==> flow/design.v <==
module gen_sub_unit_mod #(
    parameter integer WD = 16
) (
    input  wire CLK,
    input  wire RST,
    input  wire [WD-1:0] arg0,
    input  wire [WD-1:0] arg1,
    output reg [WD:0] sum,
    output reg [WD:0] diff
);
    always @(posedge CLK) begin
        if (RST) begin
            sum <= 0;
            diff <= 0;
        end else begin
            sum <= arg0 + arg1;
            diff <= arg0 - arg1;
        end
    end
endmodule
# --- Tool chain data of gen_sub_unit_mod ---
# Tool output for the design above, in the order of the flow.
# Lines are those of the file above, counted from 1.
# Library cell names are shortened.
inputs:
  design: "gen_sub_unit_mod"
  clock: "CLK"
  cell_library: "sky130hd"
  pvt_corner: "tt_025C_1v80"

# --- Elaborated design ---
# Yosys after proc, flatten, opt, wreduce and memory -nomap, before mapping. Enables and synchronous resets that opt folds into registers are not counted as muxes. Memory bits, and registers merged into a memory's read port (data or address), are not among the register bits. Print and check cells are not counted. Equal cells are merged and count once.
classes:
  add_sub_neg: 2
ops:
  columns: ["cell", "n"]
  rows:
  - ["16-bit by 16-bit adder with 17-bit output", 1]
  - ["16-bit by 16-bit subtractor with 17-bit output", 1]
bits:
  register_bits: 34
  input_bits: 34
  word_cells: 4

# --- Longest topological paths ---
# Longest topological path by Yosys (ltp), each cell counted once; first at word level (registers and memories cut), then after technology mapping (sequential cells cut; the memories' decode and read muxes count).
logic_depth:
  ltp_word: 1
  ABC_AREA: 0
  ltp_mapped: 9
  mapped_depth_nobuf: 9

# --- After synthesis ---
# The flow's flattened synthesis, as Yosys stat reports it; memories are mapped. The netlist is that of the ABC_AREA named above (0 if unset); the other value can give another one.
# Totals and module areas in this step are rounded.
synth_totals:
  stdcells: 288
  yosys_area_mm2: 0.00238
  flip_flops: 33
by_type:
  columns: ["type", "n", "area_total_um2"]
  rows:
  - ["dfxtp_1", 33, 660.634]
  - ["ha_1", 32, 400.384]
  - ["a21oi_1", 31, 155.149]
  - ["nor2_1", 37, 138.883]
  - ["xnor2_1", 13, 113.859]
  - ["inv_1", 29, 108.854]
  - ["mux2i_1", 6, 60.058]
  - ["nand2b_1", 8, 50.048]
  - ["o21ai_0", 9, 45.043]
  - ["o31ai_1", 6, 45.043]
  - ["xor2_1", 5, 43.792]
  - ["fa_1", 2, 40.038]
  - ["nor3_1", 8, 40.038]
  - ["nand2_1", 10, 37.536]
  - ["or2_2", 5, 31.28]
  - ["buf_2", 5, 25.024]
  - ["nand3_1", 4, 20.019]
  - ["nor2b_1", 3, 18.768]
# Other cell types: 34; their cells: 42.

# --- Path before layout ---
# OpenSTA on the mapped netlist: ideal clock, no wires. The path of least setup slack (recovery checks aside). Input and output delay are each 20% of the period. Register names are those of the netlist, which keeps one name where synthesis merged equal registers.
synth_timing:
  path_type: "input to register"
  startpoint: "input port arg0[0]"
  endpoint: "register sum[12]"
  clock_period_ps: 2780
  input_delay_ps: 556
  launch_ps: 556
  arrival_ps: 2213
  required_ps: 2659
  slack_ps: 445
  delay_ps: 1778
  path_stages: 8
  n_path_buf: 0
  synth_period_reached_ps: 2335
# "delay_ps" is the arrival time less input delay plus setup time.
# "path_stages" counts driving pins, that of a launching flip-flop among them; a cell with two outputs on the path counts twice.
# "synth_period_reached_ps" = period - worst setup slack (recovery checks aside). The figure is calculated, with input and output delays left at 20% of the set period.
# The rows between start and end are the longest chain of elaborated cells between them; the timing report does not say that the signal goes this way. Where chains are equally long, one stands for them.
# A line is the first line of the expression or statement that the cell stems from. Yosys adds cells for indexed reads and writes and turns some case tables into memories.
synth_between:
  cell_sequence: "ha_1 -> fa_1 -> nand2b_4 -> a221oi_2 -> o31ai_2 -> nor3_1 -> o22a_1 -> mux2_4"
  elab_chain_len: 1
  cone_cells: 1
  cone_classes: "add/sub: 1"
synth_lines:
  columns: ["item", "line_no", "text"]
  rows:
  - ["start: declaration", 6, "input  wire [WD-1:0] arg0,"]
  - ["16-bit by 16-bit adder with 17-bit output", 16, "sum <= arg0 + arg1;"]
  - ["end: assignment", 13, "sum <= 0;"]
  - ["end: assignment", 16, null]
  - ["end: declaration", 8, "output reg [WD:0] sum,"]

# --- Timing after layout ---
# From the final timing report of flow run B: the path of least setup slack in the routed layout; clock arrival at registers is part of the times.
# The path's times are printed in steps of 10 ps; the period is the one set.
layout_timing:
  path_type: "input to register"
  startpoint: "input port arg0[0]"
  endpoint: "register diff[12]"
  clock_period_ps: 2780
  input_delay_ps: 560
  launch_ps: 560
  arrival_ps: 2830
  required_ps: 2960
  slack_ps: 140
  path_stages: 10
  n_path_buf: 1
# The rows between start and end are the longest chain of elaborated cells between them; the timing report does not say that the signal goes this way. Where chains are equally long, one stands for them.
layout_between:
  cell_sequence: "clkdlybuf4s50_1 -> inv_1 -> ha_1 -> fa_1 -> nand2b_1 -> a21oi_2 -> o21ai_1 -> nor3_2 -> or3_1 -> mux2_2"
  elab_chain_len: 1
  cone_cells: 1
  cone_classes: "add/sub: 1"
layout_lines:
  columns: ["item", "line_no", "text"]
  rows:
  - ["start: declaration", 6, "input  wire [WD-1:0] arg0,"]
  - ["16-bit by 16-bit subtractor with 17-bit output", 17, "diff <= arg0 - arg1;"]
  - ["end: assignment", 14, "diff <= 0;"]
  - ["end: assignment", 17, null]
  - ["end: declaration", 9, "output reg [WD:0] diff"]

Lab notebook: gen_sub_unit_mod

Measured data: module gen_sub_unit_mod, platform sky130hd, 3 stored runs of the flow under differing settings, order arbitrary. Input and output delays are each 20% of the period that was set; the output load is 0.01 pF.
"power_total_mw" is the tool's figure for a default switching activity; nothing was simulated.
The results are shown rounded.

--- flow run A ---
==> flow/run.sh <==
#!/bin/bash
# the make line also repeats the synthesis and layout settings of config.mk as NAME=value (left out here)
make -C /OpenROAD-flow-scripts/flow DESIGN_CONFIG=/design/flow/config.mk WORK_HOME=/design/flow/orfs CLKGATE_MAP_FILE= finish
==> flow/config.mk <==
export PLATFORM = sky130hd
export DESIGN_NAME = gen_sub_unit_mod
export DESIGN_NICKNAME = gen_sub_unit_mod
export VERILOG_FILES = /design/flow/design.v
export SDC_FILE = /design/flow/constraint.sdc
export NUM_CORES = 4
export LEC_CHECK = 0
export CAP_MARGIN = 35
export CELL_PAD_IN_SITES_DETAIL_PLACEMENT = 0
export CORE_ASPECT_RATIO = 0.83
export CORE_MARGIN = 2
export CORE_UTILIZATION = 52
export GPL_ROUTABILITY_DRIVEN = 0
export HOLD_SLACK_MARGIN = -0.07
export MAX_ROUTING_LAYER = met5
export PLACE_DENSITY_LB_ADDON = 0.15
export SETUP_SLACK_MARGIN = -0.05
export SLEW_MARGIN = 0
==> flow/constraint.sdc <==
create_clock -name core_clock -period 1.55 [get_ports {CLK}]
set_input_delay 0.3100 -clock core_clock [delete_from_list [all_inputs] [get_ports {CLK}]]
set_output_delay 0.3100 -clock core_clock [all_outputs]
set_load 0.01 [all_outputs]

==> results, as YAML <==
outcome: "did not finish, clock tree synthesis stopped with DPL-0038"

--- flow run B ---
==> flow/run.sh <==
#!/bin/bash
# the make line also repeats the synthesis and layout settings of config.mk as NAME=value (left out here)
make -C /OpenROAD-flow-scripts/flow DESIGN_CONFIG=/design/flow/config.mk WORK_HOME=/design/flow/orfs CLKGATE_MAP_FILE= finish
==> flow/config.mk <==
export PLATFORM = sky130hd
export DESIGN_NAME = gen_sub_unit_mod
export DESIGN_NICKNAME = gen_sub_unit_mod
export VERILOG_FILES = /design/flow/design.v
export SDC_FILE = /design/flow/constraint.sdc
export NUM_CORES = 4
export LEC_CHECK = 0
export CAP_MARGIN = 20
export CORE_MARGIN = 2
export CORE_UTILIZATION = 40
export SLEW_MARGIN = 20
==> flow/constraint.sdc <==
create_clock -name core_clock -period 2.78 [get_ports {CLK}]
set_input_delay 0.5560 -clock core_clock [delete_from_list [all_inputs] [get_ports {CLK}]]
set_output_delay 0.5560 -clock core_clock [all_outputs]
set_load 0.01 [all_outputs]

==> results, as YAML <==
results:
  synth_area_mm2: 0.00238
  final_die_area_mm2: 0.00659
  finish.stdcell_area_mm2: 0.00348
  fin_util_frac: 0.595
  setup_worst_slack_ps: 138
  timing.hold.ws_ps: 968
  power_total_mw: 1.69

--- flow run C ---
==> flow/run.sh <==
#!/bin/bash
# the make line also repeats the synthesis and layout settings of config.mk as NAME=value (left out here)
make -C /OpenROAD-flow-scripts/flow DESIGN_CONFIG=/design/flow/config.mk WORK_HOME=/design/flow/orfs CLKGATE_MAP_FILE= finish
==> flow/config.mk <==
export PLATFORM = sky130hd
export DESIGN_NAME = gen_sub_unit_mod
export DESIGN_NICKNAME = gen_sub_unit_mod
export VERILOG_FILES = /design/flow/design.v
export SDC_FILE = /design/flow/constraint.sdc
export NUM_CORES = 4
export LEC_CHECK = 0
export CAP_MARGIN = 20
export CORE_ASPECT_RATIO = 1.18
export CORE_MARGIN = 7
export CORE_UTILIZATION = 49
export CTS_CLUSTER_SIZE = 73
export HOLD_SLACK_MARGIN = 0.26
export PLACE_DENSITY_LB_ADDON = 0.02
export SETUP_SLACK_MARGIN = 0.62
export SLEW_MARGIN = 25
==> flow/constraint.sdc <==
create_clock -name core_clock -period 4.38 [get_ports {CLK}]
set_input_delay 0.8760 -clock core_clock [delete_from_list [all_inputs] [get_ports {CLK}]]
set_output_delay 0.8760 -clock core_clock [all_outputs]
set_load 0.01 [all_outputs]

==> results, as YAML <==
results:
  synth_area_mm2: 0.00238
  final_die_area_mm2: 0.00702
  finish.stdcell_area_mm2: 0.00318
  fin_util_frac: 0.683
  setup_worst_slack_ps: 1230
  timing.hold.ws_ps: 1270
  power_total_mw: 1.03
